==> flow/design.v <==
module sh_core_top (aclk, i_data, i_opb, i_sh, o_dout);
  parameter WIDTH = 14;
  localparam SEL_WIDTH = $clog2(WIDTH);
  input aclk;
  input [WIDTH-1:0] i_data;
  input [WIDTH-1:0] i_opb;
  input [SEL_WIDTH-1:0] i_sh;
  output reg [WIDTH-1:0] o_dout;
  wire [2*WIDTH-1:0] r;
  assign r = {i_opb, i_data} >> i_sh;
  always @(posedge aclk) begin
    o_dout <= r[WIDTH-1:0];
  end
endmodule
* Step by step through the tools: sh_core_top *
Tool output for the design above, in the order of the flow.
Line numbers count from 1 in the design file above.
Operators: Yosys type, input widths -> output width; for muxes data width and select width s.
The mark - stands for no value.

inputs
  top = sh_core_top
  clock input = aclk
  cell library = sky130hd
  library corner = tt_025C_1v80

* After elaboration *
Counts by Yosys on the flattened word-level netlist (proc, flatten, opt, wreduce; memories kept). Register bits leave out memories and registers merged into their read ports (data or address); mux counts leave out enables and synchronous resets folded into registers. Print and check cells are left out. Cells with the same type and inputs are merged into one.

bit counts
  output and inout port bits = 14
  bits in registers = 14
  bits of input ports = 33

operators by class
  shifts and indexed selects = 1

operators with widths
  kind           number
  $shr 28x4->14  1

* Longest topological paths *
Longest topological path by Yosys (ltp), each cell counted once; first at word level (registers and memories cut), then after technology mapping (sequential cells cut; the memories' decode and read muxes count).

logic depth
  depth after elaboration = 1
  ABC_AREA = 0
  depth in mapped cells = 7

* Mapped cells and area *
Yosys stat after the flow's synthesis: flattened, memories mapped to cells. It holds for the ABC_AREA given above (unset counts as 0); a run with the other value may have another netlist.

synthesis totals
  cell area after synthesis = 1391.3 um2
  cell count = 138
  flip-flop cells = 14

cell types
  cell type                  number  area in all (um2)
  sky130_fd_sc_hd__dfxtp_1   14      280.269
  sky130_fd_sc_hd__mux4_2    12      270.259
  sky130_fd_sc_hd__mux2i_1   25      250.24
  sky130_fd_sc_hd__mux2_2    11      123.869
  sky130_fd_sc_hd__nand2_1   13      48.797
  sky130_fd_sc_hd__a22oi_1   5       37.536
  sky130_fd_sc_hd__buf_4     5       37.536
  sky130_fd_sc_hd__nor2b_1   4       25.024
  sky130_fd_sc_hd__o22ai_1   4       25.024
  sky130_fd_sc_hd__a221o_1   2       20.019
  sky130_fd_sc_hd__nand2b_1  3       18.768
  sky130_fd_sc_hd__nor2_1    5       18.768
  sky130_fd_sc_hd__o221ai_1  2       17.517
  sky130_fd_sc_hd__a211oi_1  2       15.014
  sky130_fd_sc_hd__a21oi_1   3       15.014
  sky130_fd_sc_hd__mux2_4    1       15.014
  sky130_fd_sc_hd__o211ai_1  2       15.014
  sky130_fd_sc_hd__o21ai_0   3       15.014

Other cell types: 17; their cells: 22.

* Worst setup path after synthesis *
Path of least setup slack by OpenSTA after synthesis, without wires, with an ideal clock, recovery checks aside; 20% of the period is set as input and as output delay. Where synthesis merged equal registers, the netlist keeps one of their names.

path after synthesis
  path kind = input -> register
  start = input i_sh[0]
  end = register o_dout[4]
  period = 1.98 ns
  time at the first pin = 0.396 ns
  setup slack = 0.314 ns
  data required time = 1.857 ns
  arrival = 1.543 ns
  path delay = 1.270 ns
  driving pins on the path = 6
  period reached after synthesis = 1.666 ns

"path delay" is the arrival time less input delay plus setup time.
"driving pins on the path": output pins that drive a net of the path, with the launching flip-flop's if there is one; two outputs of one cell count as two.
"period reached after synthesis" is the clock period less the worst setup slack; recovery checks do not enter. This is arithmetic on one report: input and output delays are still those of the set period (20% each).
Between the ends stands the longest chain of elaborated cells between them, by number of cells; it is not shown to be the way that was timed. Of several equally long chains one is given.
A line is the first line of the expression or statement that the cell stems from. Yosys adds cells for indexed reads and writes and turns some case tables into memories.

on the way, after synthesis
  path through = sky130_fd_sc_hd__buf_4 > sky130_fd_sc_hd__buf_4 > sky130_fd_sc_hd__buf_4 > sky130_fd_sc_hd__mux2i_1 > sky130_fd_sc_hd__o22ai_1 > sky130_fd_sc_hd__or2_2
  cells in the longest elaborated chain = 1
  elaborated cells on any way between the ends = 1
  source lines of those cells = 1

ends and longest elaborated chain, after synthesis
  item             line  source
  start, declared  7     input [SEL_WIDTH-1:0] i_sh;
  $shr 28x4->14    10    assign r = {i_opb, i_data} >> i_sh;
  end, assigned    12    o_dout <= r[WIDTH-1:0];
  end, declared    8     output reg [WIDTH-1:0] o_dout;

* Path in the finished layout *
Path of least setup slack in the final report of job 1 (OpenROAD, finished layout, wires in). Where an end is a register, its clock arrival counts in the times.

path after layout
  path kind = input -> register
  start = input i_sh[2]
  end = register o_dout[3]
  setup slack = -0.36 ns
  time at the first pin = 0.20 ns
  arrival = 1.50 ns
  driving pins on the path = 6
  period = 1.0 ns
  data required time = 1.14 ns

Between the ends stands the longest chain of elaborated cells between them, by number of cells; it is not shown to be the way that was timed. Of several equally long chains one is given.

on the way, after layout
  path through = sky130_fd_sc_hd__buf_12 > sky130_fd_sc_hd__buf_12 > sky130_fd_sc_hd__mux2_4 > sky130_fd_sc_hd__mux4_2 > sky130_fd_sc_hd__nor2_2 > sky130_fd_sc_hd__a21oi_1
  cells in the longest elaborated chain = 1
  elaborated cells on any way between the ends = 1
  source lines of those cells = 1

ends and longest elaborated chain, after layout
  item             line  source
  start, declared  7     input [SEL_WIDTH-1:0] i_sh;
  $shr 28x4->14    10    assign r = {i_opb, i_data} >> i_sh;
  end, assigned    12    o_dout <= r[WIDTH-1:0];
  end, declared    8     output reg [WIDTH-1:0] o_dout;

Data sheet: physical implementation of sh_core_top

Record of 3 stored runs of the RTL-to-layout flow on sh_core_top, platform sky130hd. The runs are unordered. Constraints: input delay and output delay 20% of the set period each, output load 0.01 pF.
"worst setup path time (ns)" means the part of the period allowed to the worst setup path (the constraints hold back 20% at inputs and 20% at outputs) less its slack; where the path has registers, the arrival times of their clocks count too.

settings of job 1
{
  "period_ns": 1.0,
  "CORE_UTILIZATION": 35,
  "PLACE_DENSITY_LB_ADDON": 0.25,
  "CELL_PAD_IN_SITES_GLOBAL_PLACEMENT": 2,
  "CELL_PAD_IN_SITES_DETAIL_PLACEMENT": 1,
  "TNS_END_PERCENT": 45,
  "CAP_MARGIN": 25,
  "SLEW_MARGIN": 10,
  "MAX_ROUTING_LAYER": "met4",
  "CORE_MARGIN": 2
}
report of job 1
yosys chip area after synthesis (um^2): 1391.3
finish__design__die__area: 4495.7
finish__design__instance__area__stdcell: 2565.0
finish__design__instance__utilization: 0.6852
finish__timing__setup__ws: -0.357
finish__timing__setup__tns: -3.486
worst setup path time (ns): 1.16
worst setup path kind: input -> register

settings of job 2
{
  "period_ns": 2.87,
  "CORE_UTILIZATION": 29,
  "SETUP_SLACK_MARGIN": -0.18,
  "PLACE_DENSITY": 0.49,
  "HOLD_SLACK_MARGIN": 0.23,
  "CORE_ASPECT_RATIO": 0.68,
  "MIN_ROUTING_LAYER": "met2",
  "CAP_MARGIN": 20,
  "CORE_MARGIN": 2,
  "SLEW_MARGIN": 20
}
report of job 2
yosys chip area after synthesis (um^2): 1391.3
finish__design__die__area: 5377.8
finish__design__instance__area__stdcell: 1960.6
finish__design__instance__utilization: 0.4329
finish__timing__setup__ws: 0.587
finish__timing__setup__tns: 0.000
worst setup path time (ns): 1.71
worst setup path kind: input -> register

settings of job 3
{
  "period_ns": 1.98,
  "CAP_MARGIN": 20,
  "CORE_MARGIN": 2,
  "CORE_UTILIZATION": 40,
  "SLEW_MARGIN": 20
}
report of job 3
yosys chip area after synthesis (um^2): 1391.3
finish__design__die__area: 3965.8
finish__design__instance__area__stdcell: 2109.5
finish__design__instance__utilization: 0.6322
finish__timing__setup__ws: 0.267
finish__timing__setup__tns: 0.000
worst setup path time (ns): 1.32
worst setup path kind: input -> register
